==> flow/design.v <==
module cmp_unit_rtl #(
  parameter int DWIDTH = 10
) (
  input logic clock,
  input logic signed [DWIDTH-1:0] i_arg0,
  input logic signed [DWIDTH-1:0] i_arg1,
  output logic o_below,
  output logic o_is_eq,
  output logic o_gt
);
  logic signed [DWIDTH-1:0] arg0_reg;
  always_ff @(posedge clock)
    arg0_reg <= i_arg0;
  logic signed [DWIDTH-1:0] arg1_reg;
  always_ff @(posedge clock)
    arg1_reg <= i_arg1;
  logic below_reg;
  always_ff @(posedge clock)
    below_reg <= (arg0_reg < arg1_reg);
  assign o_below = below_reg;
  logic is_eq_reg;
  always_ff @(posedge clock)
    is_eq_reg <= (arg0_reg == arg1_reg);
  assign o_is_eq = is_eq_reg;
  logic gt_reg;
  always_ff @(posedge clock)
    gt_reg <= (arg0_reg > arg1_reg);
  assign o_gt = gt_reg;
endmodule
; ---- From RTL to reports: cmp_unit_rtl
; Tool output for the design above, in the order of the flow.
; Line numbers count from 1 in the design file above.
; A cell with -- has no value.
[setup]
top_module = cmp_unit_rtl
clock_port = clock
lib = sky130hd
lib_corner = tt_025C_1v80

; ---- Word-level counts
; Source: Yosys, flattened and elaborated, memories not mapped. Widths are those after wreduce; folded enables and synchronous resets count as part of the registers. Registers that Yosys merges into a memory's read port (data or address) are not register bits. Print and check cells do not count. Equal cells are merged and count once.
[word_totals]
reg_bits = 23
input_bits = 21
out_inout_bits = 3
elab_cells = 8
[op_classes]
n_cmp = 2
n_eq = 1
[op_table]
columns = cell, count
row1 = greater-than comparator 10 bit, 1
row2 = < comparator 10 bit, 1
row3 = equality test 10 bit, 1

; ---- Depth
; Depth = most cells in a row (Yosys ltp): at word level without a register or memory, in the mapped netlist without a sequential cell, where the memories' decode and read muxes count.
[logic_depth]
ltp_word = 1
abc_area = 0
mapped_depth = 6
ltp_nobuf = 6

; ---- Netlist
; Yosys stat after the flow's synthesis: flattened, memories mapped to cells. It holds for the ABC_AREA given above (unset counts as 0); a run with the other value may have another netlist.
; The area totals of this step are shown rounded.
[by_type]
columns = type, count, area_total_um2
row1 = sky130_fd_sc_hd__dfxtp_1, 23, 460.442
row2 = sky130_fd_sc_hd__ha_1, 10, 125.12
row3 = sky130_fd_sc_hd__inv_1, 12, 45.043
row4 = sky130_fd_sc_hd__a2111oi_4, 1, 27.526
row5 = sky130_fd_sc_hd__a21oi_2, 2, 17.517
row6 = sky130_fd_sc_hd__a211oi_2, 1, 12.512
row7 = sky130_fd_sc_hd__nand2b_1, 2, 12.512
row8 = sky130_fd_sc_hd__nand4_1, 2, 12.512
row9 = sky130_fd_sc_hd__mux2i_1, 1, 10.01
row10 = sky130_fd_sc_hd__o21ai_2, 1, 8.758
row11 = sky130_fd_sc_hd__xnor2_1, 1, 8.758
row12 = sky130_fd_sc_hd__a211oi_1, 1, 7.507
row13 = sky130_fd_sc_hd__nand2_1, 2, 7.507
row14 = sky130_fd_sc_hd__nor3_1, 1, 5.005
row15 = sky130_fd_sc_hd__o21ai_0, 1, 5.005
row16 = sky130_fd_sc_hd__nor2_1, 1, 3.754
[mapped]
cell_count = 62
synth_area_um2 = 769
seq_area_um2 = 460
flip_flops = 23
buf_cells = 0

; ---- Worst setup path after synthesis
; Path of least setup slack by OpenSTA after synthesis, without wires, with an ideal clock, recovery checks aside; 20% of the period is set as input and as output delay. Where synthesis merged equal registers, the netlist keeps one of their names.
[synth_path]
path_type = register -> register
start = register arg1_reg[5]
end = register gt_reg
tclk_ps = 1870
setup_time_ps = 72
t_first_pin_ps = 0
arrival_time_ps = 1427
required_ps = 1798
slack_ps = 371
path_delay_ps = 1499
driving_pins = 7
path_buffers = 0
period_less_setup_slack_ps = 1499
; "path_delay_ps" = arrival - input delay + setup time.
; "driving_pins": output pins that drive a net of the path, with the launching flip-flop's if there is one; two outputs of one cell count as two.
; "period_less_setup_slack_ps" is the clock period less the worst setup slack; recovery checks do not enter. This is arithmetic on one report: input and output delays are still those of the set period (20% each).
; The rows between start and end are the longest chain of elaborated cells between them; the timing report does not say that the signal goes this way. Where chains are equally long, one stands for them.
; Each line given opens the expression or statement behind the cell; cells for indexed reads and writes are added by Yosys, which also makes memories of some case tables.
[synth_via]
cell_sequence = sky130_fd_sc_hd__dfxtp_1 -> sky130_fd_sc_hd__inv_1 -> sky130_fd_sc_hd__ha_1 -> sky130_fd_sc_hd__a21oi_2 -> sky130_fd_sc_hd__o21ai_2 -> sky130_fd_sc_hd__a2111oi_4 -> sky130_fd_sc_hd__mux2i_1
elab_chain_len = 1
cells_between = 1
cone_lines = 1
cone_classes = compare: 1
[synth_rtl]
columns = element, line
row1 = "start, declared", 14  ; logic signed [DWIDTH-1:0] arg1_reg;
row2 = "start, assigned", 16  ; arg1_reg <= i_arg1;
row3 = greater-than comparator 10 bit, 27  ; gt_reg <= (arg0_reg > arg1_reg);
row4 = "end, assigned", 27
row5 = "end, declared", 25  ; logic gt_reg;

; ---- Worst path after layout
; Path of least setup slack in the final report of record 1 (OpenROAD, finished layout, wires in). Where an end is a register, its clock arrival counts in the times.
; The path's times are printed in steps of 10 ps; the period is the one set.
[layout_path]
path_type = register -> register
start = register arg1_reg[5]
end = register gt_reg
tclk_ps = 1870
setup_time_ps = 70
t_first_pin_ps = 300
arrival_time_ps = 1890
required_ps = 2100
slack_ps = 210
driving_pins = 7
path_buffers = 0
; The rows between start and end are the longest chain of elaborated cells between them; the timing report does not say that the signal goes this way. Where chains are equally long, one stands for them.
[layout_via]
cell_sequence = sky130_fd_sc_hd__dfxtp_1 -> sky130_fd_sc_hd__inv_1 -> sky130_fd_sc_hd__ha_1 -> sky130_fd_sc_hd__a21oi_2 -> sky130_fd_sc_hd__o21ai_2 -> sky130_fd_sc_hd__a2111oi_4 -> sky130_fd_sc_hd__mux2i_1
elab_chain_len = 1
cells_between = 1
cone_lines = 1
cone_classes = compare: 1
[layout_rtl]
columns = element, line
row1 = "start, declared", 14  ; logic signed [DWIDTH-1:0] arg1_reg;
row2 = "start, assigned", 16  ; arg1_reg <= i_arg1;
row3 = greater-than comparator 10 bit, 27  ; gt_reg <= (arg0_reg > arg1_reg);
row4 = "end, assigned", 27
row5 = "end, declared", 25  ; logic gt_reg;

; Below are 3 stored runs of the flow (Yosys, OpenROAD; platform sky130hd) on cmp_unit_rtl, each with its settings and what was measured, unordered. Constraints: input delay and output delay 20% of the set period each, output load 0.01 pF.
; By "achievedPeriod_ps" is meant the clock period of the run minus its worst setup slack. This is arithmetic on one report: input and output delays are still those of the set period (20% each).
; "worst_setup_path_time_ps" is the time allowed to the run's worst setup path (the clock period less input and output delay, where it has them) less its slack. Clock arrival times count: a late capture clock shortens it, a late launch clock lengthens it.
; "design_power_uw": no workload was simulated; the value follows from the tool's default switching activity.
; "worst_setup_path_time_ps" is given in steps of 10 ps.
; The measured numbers are rounded.

[record 1: settings]
period_ns = 1.87
CAP_MARGIN = 20
CORE_MARGIN = 2
CORE_UTILIZATION = 40
SLEW_MARGIN = 20
[record 1: results]
layout_stdcell_area_um2 = 1060
ws_hold_ps = 499
tns_setup_ps = 0
fin_util_pct = 59.9
final_die_area_um2 = 2290
yosys.chip_area_um2 = 769
design_power_uw = 879
achievedPeriod_ps = 1660
worst_setup_slack_ps = 210
worst_setup_path_time_ps = 1660
timing.worst_path_kind = register -> register

[record 2: settings]
period_ns = 1.37
CORE_UTILIZATION = 23
SETUP_SLACK_MARGIN = -0.04
PLACE_DENSITY_LB_ADDON = 0.24
CELL_PAD_IN_SITES_DETAIL_PLACEMENT = 0
TNS_END_PERCENT = 95
CTS_CLUSTER_SIZE = 63
MAX_ROUTING_LAYER = met5
CAP_MARGIN = 20
CORE_MARGIN = 2
SLEW_MARGIN = 20
[record 2: results]
layout_stdcell_area_um2 = 1160
ws_hold_ps = 376
tns_setup_ps = -258
fin_util_pct = 35.4
final_die_area_um2 = 3820
yosys.chip_area_um2 = 769
design_power_uw = 1230
achievedPeriod_ps = 1524
worst_setup_slack_ps = -154
worst_setup_path_time_ps = 1520
timing.worst_path_kind = register -> register

[record 3: settings]
period_ns = 1.82
CORE_UTILIZATION = 20
SETUP_SLACK_MARGIN = 0.46
PLACE_DENSITY_LB_ADDON = 0.29
CORE_MARGIN = 2
TNS_END_PERCENT = 15
SLEW_MARGIN = 20
MAX_ROUTING_LAYER = met4
CAP_MARGIN = 20
[record 3: results]
layout_stdcell_area_um2 = 1180
ws_hold_ps = 541
tns_setup_ps = 0
fin_util_pct = 32.1
final_die_area_um2 = 4360
yosys.chip_area_um2 = 769
design_power_uw = 1010
achievedPeriod_ps = 1523
worst_setup_slack_ps = 297
worst_setup_path_time_ps = 1520
timing.worst_path_kind = register -> register
